==> flow/design.v <==
module core_add_core_top #(
    parameter XLEN = 96
) (
    input aclk,
    input resetn,
    input [XLEN-1:0] opa,
    input [XLEN-1:0] opb,
    input carry_in,
    output reg [XLEN-1:0] result,
    output reg ovf
);
    wire [XLEN:0] r;
    assign r = opa + opb + carry_in;
    always @(posedge aclk or negedge resetn) begin
        if (!resetn) begin
            result <= 0;
            ovf <= 1'b0;
        end else begin
            result <= r[XLEN-1:0];
            ovf <= r[XLEN];
        end
    end
endmodule
# Reports on core_add_core_top
# The steps from the RTL of core_add_core_top to its reports follow in flow order.
# Lines are those of the file above, counted from 1.
# Operators: Yosys type, input widths -> output width; for muxes data width and select width s.
# Cell names lack the library's common part.
# A cell with -- has no value.
[inputs] top="core_add_core_top" clock_port="aclk" cell_library="sky130hd" lib_corner="tt_025C_1v80"

# Word level
# Counts by Yosys on the flattened word-level netlist (proc, flatten, opt, wreduce; memories kept). Register bits leave out memories and registers merged into their read ports (data or address); mux counts leave out enables and synchronous resets folded into registers. Print and check cells are left out. Cells with the same type and inputs are merged into one.
[bits] ff_bits=97 in_bits=195 out_inout_bits=97 wordCells=4
[op_classes] add_sub_neg=2
[op_table] op="$add 96x96->97" n=1
[op_table] op="$add 97x1->97" n=1

# Logic depth
# Yosys ltp: most cells in a row. Word level: on the elaborated netlist, between registers, memories and ports. Mapped: between sequential cells and ports; inverters and the memories' decode and read muxes count.
[depth] word_depth=2 abc_area=0 ltp_mapped=13 depth_no_buf=13

# Mapped cells and area
# Source: synth_stat.txt of the flow (Yosys; design flattened, memories mapped). It holds for the ABC_AREA given above (unset counts as 0); a run with the other value may have another netlist.
# The area totals of this step are shown rounded.
[mapped] cell_count=979 area_um2=8230 seqArea_um2=2430 ffs=97 n_buf=46
[types] cell="dfrtp_1" n=97 type_area_um2=2.43E+03
[types] cell="ha_1" n=95 type_area_um2=1188.64
[types] cell="a21oi_1" n=121 type_area_um2=605.581
[types] cell="xnor2_1" n=53 type_area_um2=464.195
[types] cell="a21o_1" n=58 type_area_um2=435.418
[types] cell="xor2_1" n=39 type_area_um2=341.578
[types] cell="nand2_1" n=85 type_area_um2=319.056
[types] cell="o21ai_0" n=52 type_area_um2=260.25
[types] cell="nand4_1" n=40 type_area_um2=250.24
[types] cell="nor2_1" n=64 type_area_um2=240.23
[types] cell="clkbuf_1" n=37 type_area_um2=138.883
[types] cell="o21bai_1" n=18 type_area_um2=135.13
[types] cell="inv_1" n=30 type_area_um2=112.608
[types] cell="nand3_1" n=20 type_area_um2=100.096
[types] cell="a31oi_1" n=15 type_area_um2=93.84
[types] cell="nor2b_1" n=13 type_area_um2=81.328
[types] cell="nand2b_1" n=11 type_area_um2=68.816
[types] cell="nor3_1" n=13 type_area_um2=65.062
# Other cell types: 40; their cells: 118.

# Timing after synthesis
# Source: OpenSTA report_checks on the synthesized netlist (no wires, ideal clock, input and output delay 20% of the period each), path of least setup slack; recovery checks are left aside. Register names are those of the netlist, which keeps one name where synthesis merged equal registers.
[synth_path] kind="input -> register" from="in opa[0]" to="reg result[94]" tclk_ps=4600 in_delay_ps=920 setup_ps=80 t_first_pin_ps=920 arrival_time_ps=3784 setup_slack_ps=736 delay_ps=2944 driving_pins=13 path_buffers=0 period_less_setup_slack_ps=3864
# "delay_ps" is the arrival time less input delay plus setup time.
# "driving_pins" counts driving pins, that of a launching flip-flop among them; a cell with two outputs on the path counts twice.
# "period_less_setup_slack_ps" = period - worst setup slack (recovery checks aside). The figure is calculated, with input and output delays left at 20% of the set period.
# Between the ends stands the longest chain of elaborated cells between them, by number of cells; it is not shown to be the way that was timed. Of several equally long chains one is given.
# Each line given opens the expression or statement behind the cell; cells for indexed reads and writes are added by Yosys, which also makes memories of some case tables.
[synth_between] cell_sequence="fa_1 fa_1 a21oi_1 o21a_1 o41ai_1 a31oi_1 o21a_1 o21bai_1 a21o_1 a31oi_1 a21oi_1 a221oi_1 xnor2_1" elab_chain_len=2 cone_cells=2 lines_between=1 classes_between="2 x add/sub"
[synth_lines] item="start: declaration" line=6 rtl="input [XLEN-1:0] opa,"
[synth_lines] item="$add 96x96->97" line=13 rtl="assign r = opa + opb + carry_in;"
[synth_lines] item="$add 97x1->97" line=13
[synth_lines] item="end: assignment" line=16 rtl="result <= 0;"
[synth_lines] item="end: assignment" line=19 rtl="result <= r[XLEN-1:0];"
[synth_lines] item="end: declaration" line=9 rtl="output reg [XLEN-1:0] result,"

# Timing after layout
# Path of least setup slack in the final report of run 1 (OpenROAD, finished layout, wires in). Where an end is a register, its clock arrival counts in the times.
# The report prints the path's times to 10 ps; the period is as set.
[layout_path] kind="input -> register" from="in opa[0]" to="reg result[92]" tclk_ps=4600 in_delay_ps=920 setup_ps=130 t_first_pin_ps=920 arrival_time_ps=4440 setup_slack_ps=370 driving_pins=13 path_buffers=1
# Between the ends stands the longest chain of elaborated cells between them, by number of cells; it is not shown to be the way that was timed. Of several equally long chains one is given.
[layout_between] cell_sequence="clkdlybuf4s50_1 fa_1 fa_1 a21oi_2 o22ai_1 a21oi_1 o31ai_2 a21oi_1 o21ai_1 o2bb2ai_1 o21ai_2 o41ai_1 xor2_1" elab_chain_len=2 cone_cells=2 lines_between=1 classes_between="2 x add/sub"
[layout_lines] item="start: declaration" line=6 rtl="input [XLEN-1:0] opa,"
[layout_lines] item="$add 96x96->97" line=13 rtl="assign r = opa + opb + carry_in;"
[layout_lines] item="$add 97x1->97" line=13
[layout_lines] item="end: assignment" line=16 rtl="result <= 0;"
[layout_lines] item="end: assignment" line=19 rtl="result <= r[XLEN-1:0];"
[layout_lines] item="end: declaration" line=9 rtl="output reg [XLEN-1:0] result,"

Hand-over note for core_add_core_top

Stored flow runs of core_add_core_top (3 of them; Yosys, OpenROAD, sky130hd). They differ in their settings and are not a sequence. Constraints: input delay and output delay 20% of the set period each, output load 0.01 pF.
"achieved_period_ps": clock period set for the run, less the worst setup slack. It is reckoned from that one timing run; input and output delays stay at 20% of the period that was set.
Measured values are rounded.

[flow] run 1: files
==> flow/run.sh <==
#!/bin/bash
# the make line also repeats the synthesis and layout settings of config.mk as NAME=value (left out here)
make -C /OpenROAD-flow-scripts/flow DESIGN_CONFIG=/design/flow/config.mk WORK_HOME=/design/flow/orfs CLKGATE_MAP_FILE= finish
==> flow/config.mk <==
export PLATFORM = sky130hd
export DESIGN_NAME = core_add_core_top
export DESIGN_NICKNAME = core_add_core_top
export VERILOG_FILES = /design/flow/design.v
export SDC_FILE = /design/flow/constraint.sdc
export NUM_CORES = 4
export LEC_CHECK = 0
export CAP_MARGIN = 20
export CORE_MARGIN = 2
export CORE_UTILIZATION = 40
export SLEW_MARGIN = 20
==> flow/constraint.sdc <==
create_clock -name core_clock -period 4.6 [get_ports {aclk}]
set_input_delay 0.9200 -clock core_clock [delete_from_list [all_inputs] [get_ports {aclk}]]
set_output_delay 0.9200 -clock core_clock [all_outputs]
set_load 0.01 [all_outputs]

[flow] run 1: metrics
[metrics] achieved_period_ps = 4230
[metrics] finalCellArea_um2 = 11900
[metrics] die_footprint_um2 = 21700
[metrics] ys_area_um2 = 8230
[metrics] worst_setup_slack_ps = 370

[flow] run 2: files
==> flow/run.sh <==
#!/bin/bash
# the make line also repeats the synthesis and layout settings of config.mk as NAME=value (left out here)
make -C /OpenROAD-flow-scripts/flow DESIGN_CONFIG=/design/flow/config.mk WORK_HOME=/design/flow/orfs CLKGATE_MAP_FILE= finish
==> flow/config.mk <==
export PLATFORM = sky130hd
export DESIGN_NAME = core_add_core_top
export DESIGN_NICKNAME = core_add_core_top
export VERILOG_FILES = /design/flow/design.v
export SDC_FILE = /design/flow/constraint.sdc
export NUM_CORES = 4
export LEC_CHECK = 0
export ABC_AREA = 1
export CAP_MARGIN = 25
export CELL_PAD_IN_SITES_DETAIL_PLACEMENT = 0
export CORE_ASPECT_RATIO = 1.26
export CORE_MARGIN = 2
export CORE_UTILIZATION = 66
export CTS_CLUSTER_SIZE = 51
export GPL_TIMING_DRIVEN = 0
export MAX_ROUTING_LAYER = met5
export PLACE_DENSITY = 0.47
export SETUP_SLACK_MARGIN = 0.11
export SLEW_MARGIN = 35
export TNS_END_PERCENT = 40
==> flow/constraint.sdc <==
create_clock -name core_clock -period 6.12 [get_ports {aclk}]
set_input_delay 1.2240 -clock core_clock [delete_from_list [all_inputs] [get_ports {aclk}]]
set_output_delay 1.2240 -clock core_clock [all_outputs]
set_load 0.01 [all_outputs]

[flow] run 2: metrics
[metrics] achieved_period_ps = 3775
[metrics] finalCellArea_um2 = 16000
[metrics] die_footprint_um2 = 20000
[metrics] ys_area_um2 = 12500
[metrics] worst_setup_slack_ps = 2340

[flow] run 3: files
==> flow/run.sh <==
#!/bin/bash
# the make line also repeats the synthesis and layout settings of config.mk as NAME=value (left out here)
make -C /OpenROAD-flow-scripts/flow DESIGN_CONFIG=/design/flow/config.mk WORK_HOME=/design/flow/orfs CLKGATE_MAP_FILE= finish
==> flow/config.mk <==
export PLATFORM = sky130hd
export DESIGN_NAME = core_add_core_top
export DESIGN_NICKNAME = core_add_core_top
export VERILOG_FILES = /design/flow/design.v
export SDC_FILE = /design/flow/constraint.sdc
export NUM_CORES = 4
export LEC_CHECK = 0
export ABC_AREA = 0
export CAP_MARGIN = 30
export CORE_MARGIN = 2
export CORE_UTILIZATION = 21
export CTS_CLUSTER_DIAMETER = 349
export PLACE_DENSITY_LB_ADDON = 0.08
export SETUP_SLACK_MARGIN = 0.45
export SLEW_MARGIN = 20
export TNS_END_PERCENT = 85
==> flow/constraint.sdc <==
create_clock -name core_clock -period 7.09 [get_ports {aclk}]
set_input_delay 1.4180 -clock core_clock [delete_from_list [all_inputs] [get_ports {aclk}]]
set_output_delay 1.4180 -clock core_clock [all_outputs]
set_load 0.01 [all_outputs]

[flow] run 3: metrics
[metrics] achieved_period_ps = 5374
[metrics] finalCellArea_um2 = 12000
[metrics] die_footprint_um2 = 40800
[metrics] ys_area_um2 = 8230
[metrics] worst_setup_slack_ps = 1720

End of note.
